==> flow/design.v <==
module alu_sum_block_blk #(
  parameter integer XLEN = 10
) (
  input wire sys_clk,
  input wire RST,
  input wire [XLEN-1:0] x,
  input wire [XLEN-1:0] y,
  input wire cin,
  output wire [XLEN-1:0] s,
  output wire ovf
);
  reg [XLEN-1:0] r_x;
  always @(posedge sys_clk) begin
    if (RST) begin
      r_x <= 0;
    end else begin
      r_x <= x;
    end
  end
  reg [XLEN-1:0] r_y;
  always @(posedge sys_clk) begin
    if (RST) begin
      r_y <= 0;
    end else begin
      r_y <= y;
    end
  end
  reg r_cin;
  always @(posedge sys_clk) begin
    if (RST) begin
      r_cin <= 1'b0;
    end else begin
      r_cin <= cin;
    end
  end
  wire [XLEN:0] cur;
  assign cur = r_x + r_y + r_cin;
  assign s = cur[XLEN-1:0];
  assign ovf = cur[XLEN];
endmodule
### Reports on alu_sum_block_blk

Tool output for the design above, in the order of the flow.
Line numbers count from 1 in the design file above.
Operators: Yosys type, input widths -> output width; for muxes data width and select width s.
Not given: n/a

* design top: alu_sum_block_blk
* clock port: sys_clk
* standard-cell library: sky130hd
* corner: tt_025C_1v80

### After elaboration

Source: Yosys, flattened and elaborated, memories not mapped. Widths are those after wreduce; folded enables and synchronous resets count as part of the registers. Registers that Yosys merges into a memory's read port (data or address) are not register bits. Print and check cells do not count. Equal cells are merged and count once.

* $add $sub $neg: 2

Operators with widths (number)
* $add 10x10->11: 1
* $add 11x1->11: 1

* flip-flop bits (word level): 21
* input bits: 23
* output and inout bits: 11
* word-level cells: 5

### Logic depth

Depth = most cells in a row (Yosys ltp): at word level without a register or memory, in the mapped netlist without a sequential cell, where the memories' decode and read muxes count.

* word-level depth: 2
* ABC_AREA: 0
* gate-level depth with buffers: 8

### Netlist

Yosys stat after the flow's synthesis: flattened, memories mapped to cells. It holds for the ABC_AREA given above (unset counts as 0); a run with the other value may have another netlist.
The area totals of this step are shown rounded.

Cell types
* sky130_fd_sc_hd__dfxtp_1: number 21, total area 420.403 um^2
* sky130_fd_sc_hd__nor2b_1: number 22, total area 137.632 um^2
* sky130_fd_sc_hd__ha_1: number 9, total area 112.608 um^2
* sky130_fd_sc_hd__xnor2_1: number 6, total area 52.55 um^2
* sky130_fd_sc_hd__fa_1: number 2, total area 40.038 um^2
* sky130_fd_sc_hd__a21oi_1: number 6, total area 30.029 um^2
* sky130_fd_sc_hd__a21o_1: number 3, total area 22.522 um^2
* sky130_fd_sc_hd__and3_1: number 3, total area 18.768 um^2
* sky130_fd_sc_hd__xor2_1: number 2, total area 17.517 um^2
* sky130_fd_sc_hd__o41ai_2: number 1, total area 16.266 um^2
* sky130_fd_sc_hd__inv_1: number 4, total area 15.014 um^2
* sky130_fd_sc_hd__o21a_1: number 2, total area 15.014 um^2
* sky130_fd_sc_hd__a211oi_2: number 1, total area 12.512 um^2
* sky130_fd_sc_hd__nand2b_1: number 2, total area 12.512 um^2
* sky130_fd_sc_hd__o21ai_0: number 2, total area 10.01 um^2
* sky130_fd_sc_hd__a31o_1: number 1, total area 8.758 um^2
* sky130_fd_sc_hd__and2_4: number 1, total area 8.758 um^2
* sky130_fd_sc_hd__clkbuf_1: number 2, total area 7.507 um^2

Not listed: further types 6, cells in them 8.

* cell count: 98
* chip area (Yosys): 1000 um^2
* area of sequential cells: 420 um^2
* flip-flops: 21
* buffer cells: 2

### Worst setup path after synthesis

Path of least setup slack by OpenSTA after synthesis, without wires, with an ideal clock, recovery checks aside; 20% of the period is set as input and as output delay. Where synthesis merged equal registers, the netlist keeps one of their names.

* path kind: register to output
* from: register r_x[0]
* to: output port s[8]
* period: 2.88 ns
* launch time at the first pin: 0.000 ns
* data arrival time: 1.844 ns
* required time: 2.304 ns
* setup slack: 0.460 ns
* delay of the path: 1.844 ns
* driving pins on the path: 9
* path buffers: 0
* period reached after synthesis: 2.42 ns

"delay of the path" is the arrival time less input delay plus setup time.
At an output port there is no setup time.
"driving pins on the path": output pins that drive a net of the path, with the launching flip-flop's if there is one; two outputs of one cell count as two.
"period reached after synthesis" is the clock period less the worst setup slack; recovery checks do not enter. This is arithmetic on one report: input and output delays are still those of the set period (20% each).
Between the ends stands the longest chain of elaborated cells between them, by number of cells; it is not shown to be the way that was timed. Of several equally long chains one is given.
Each line given opens the expression or statement behind the cell; cells for indexed reads and writes are added by Yosys, which also makes memories of some case tables.

* cells stage by stage: sky130_fd_sc_hd__dfxtp_1 -> sky130_fd_sc_hd__fa_1 -> sky130_fd_sc_hd__inv_1 -> sky130_fd_sc_hd__fa_1 -> sky130_fd_sc_hd__nor2b_1 -> sky130_fd_sc_hd__o21a_1 -> sky130_fd_sc_hd__a31o_1 -> sky130_fd_sc_hd__o41ai_2 -> sky130_fd_sc_hd__xnor2_1
* length of the longest elaborated chain: 2
* elaborated cells between the ends (all ways): 2
* source lines of those cells: 1

Ends and longest elaborated chain, after synthesis
* start: declaration: line 12 `reg [XLEN-1:0] r_x;`
* start: assignment: line 15 `r_x <= 0;`
* start: assignment: line 17 `r_x <= x;`
* $add 10x10->11: line 37 `assign cur = r_x + r_y + r_cin;`
* $add 11x1->11: line 37
* end: declaration: line 9 `output wire [XLEN-1:0] s,`

### Worst path after layout

Path of least setup slack in the final report of flow run 1 (OpenROAD, finished layout, wires in). Where an end is a register, its clock arrival counts in the times.

* path kind: register to output
* from: register r_x[0]
* to: output port s[8]
* period: 4.57 ns
* launch time at the first pin: 0.29 ns
* data arrival time: 2.80 ns
* required time: 3.66 ns
* setup slack: 0.86 ns
* driving pins on the path: 10
* path buffers: 1

Between the ends stands the longest chain of elaborated cells between them, by number of cells; it is not shown to be the way that was timed. Of several equally long chains one is given.

* cells stage by stage: sky130_fd_sc_hd__dfxtp_1 -> sky130_fd_sc_hd__fa_1 -> sky130_fd_sc_hd__inv_1 -> sky130_fd_sc_hd__fa_1 -> sky130_fd_sc_hd__nor2b_1 -> sky130_fd_sc_hd__o21a_1 -> sky130_fd_sc_hd__a31o_1 -> sky130_fd_sc_hd__o41ai_2 -> sky130_fd_sc_hd__xnor2_1 -> sky130_fd_sc_hd__clkdlybuf4s50_1
* length of the longest elaborated chain: 2
* elaborated cells between the ends (all ways): 2
* source lines of those cells: 1

Ends and longest elaborated chain, after layout
* start: declaration: line 12 `reg [XLEN-1:0] r_x;`
* start: assignment: line 15 `r_x <= 0;`
* start: assignment: line 17 `r_x <= x;`
* $add 10x10->11: line 37 `assign cur = r_x + r_y + r_cin;`
* $add 11x1->11: line 37
* end: declaration: line 9 `output wire [XLEN-1:0] s,`

Lab notebook: alu_sum_block_blk

Top module alu_sum_block_blk; platform sky130hd; tools Yosys and OpenROAD; 3 stored runs in no particular order. Input and output delays are each 20% of the period that was set; the output load is 0.01 pF.
"clock period reached" = clock period - worst setup slack. The figure is calculated, with input and output delays left at 20% of the set period.
"time of the worst setup path": the worst setup path's part of the clock period (all of it between registers, 20% less for each end at a port) less its slack. A launch clock that arrives late makes it longer, a capture clock that arrives late makes it shorter.
By "total power of the final layout" is meant OpenSTA's value without simulated activity: inputs other than the clock are taken to toggle once in ten clock periods, and the tool carries that through the logic.
Values from the reports are rounded here.

### Flow run 1

Settings: `period_ns=4.57`, `CORE_UTILIZATION=41`, `SETUP_SLACK_MARGIN=0.21`, `PLACE_DENSITY_LB_ADDON=0.29`, `CORE_MARGIN=5`, `CELL_PAD_IN_SITES_GLOBAL_PLACEMENT=2`, `CELL_PAD_IN_SITES_DETAIL_PLACEMENT=0`, `GPL_TIMING_DRIVEN=0`, `CAP_MARGIN=15`, `SLEW_MARGIN=5`, `MAX_ROUTING_LAYER=met4`

- Chip area after synthesis (Yosys): 1000 um^2
- Die footprint: 3500 um^2
- Time of the worst setup path: 2.80 ns
- Worst setup path type: register to output
- Smallest setup slack: 0.86 ns
- Clock period reached: 3.713 ns
- Smallest hold slack: 1.2 ns
- Total negative setup slack: 0.000 ns
- Total power of the final layout: 0.00038 W
- Standard-cell area of the final layout: 1400 um^2

### Flow run 2

Settings: `period_ns=2.88`, `CAP_MARGIN=20`, `CORE_MARGIN=2`, `CORE_UTILIZATION=40`, `SLEW_MARGIN=20`

- Chip area after synthesis (Yosys): 1000 um^2
- Die footprint: 2900 um^2
- Time of the worst setup path: 2.31 ns
- Worst setup path type: register to output
- Smallest setup slack: -0.009 ns
- Clock period reached: 2.889 ns
- Smallest hold slack: 0.81 ns
- Total negative setup slack: -0.009 ns
- Total power of the final layout: 0.0006 W
- Standard-cell area of the final layout: 1400 um^2

### Flow run 3

Settings: `period_ns=1.95`, `CORE_UTILIZATION=34`, `CORE_MARGIN=4`, `CELL_PAD_IN_SITES_DETAIL_PLACEMENT=1`, `TNS_END_PERCENT=5`, `GPL_ROUTABILITY_DRIVEN=0`, `CTS_CLUSTER_SIZE=70`, `CAP_MARGIN=20`, `SLEW_MARGIN=20`

- Chip area after synthesis (Yosys): 1000 um^2
- Die footprint: 3900 um^2
- Time of the worst setup path: 2.27 ns
- Worst setup path type: register to output
- Smallest setup slack: -0.71 ns
- Clock period reached: 2.656 ns
- Smallest hold slack: 0.62 ns
- Total negative setup slack: -4.3 ns
- Total power of the final layout: 0.00094 W
- Standard-cell area of the final layout: 1500 um^2
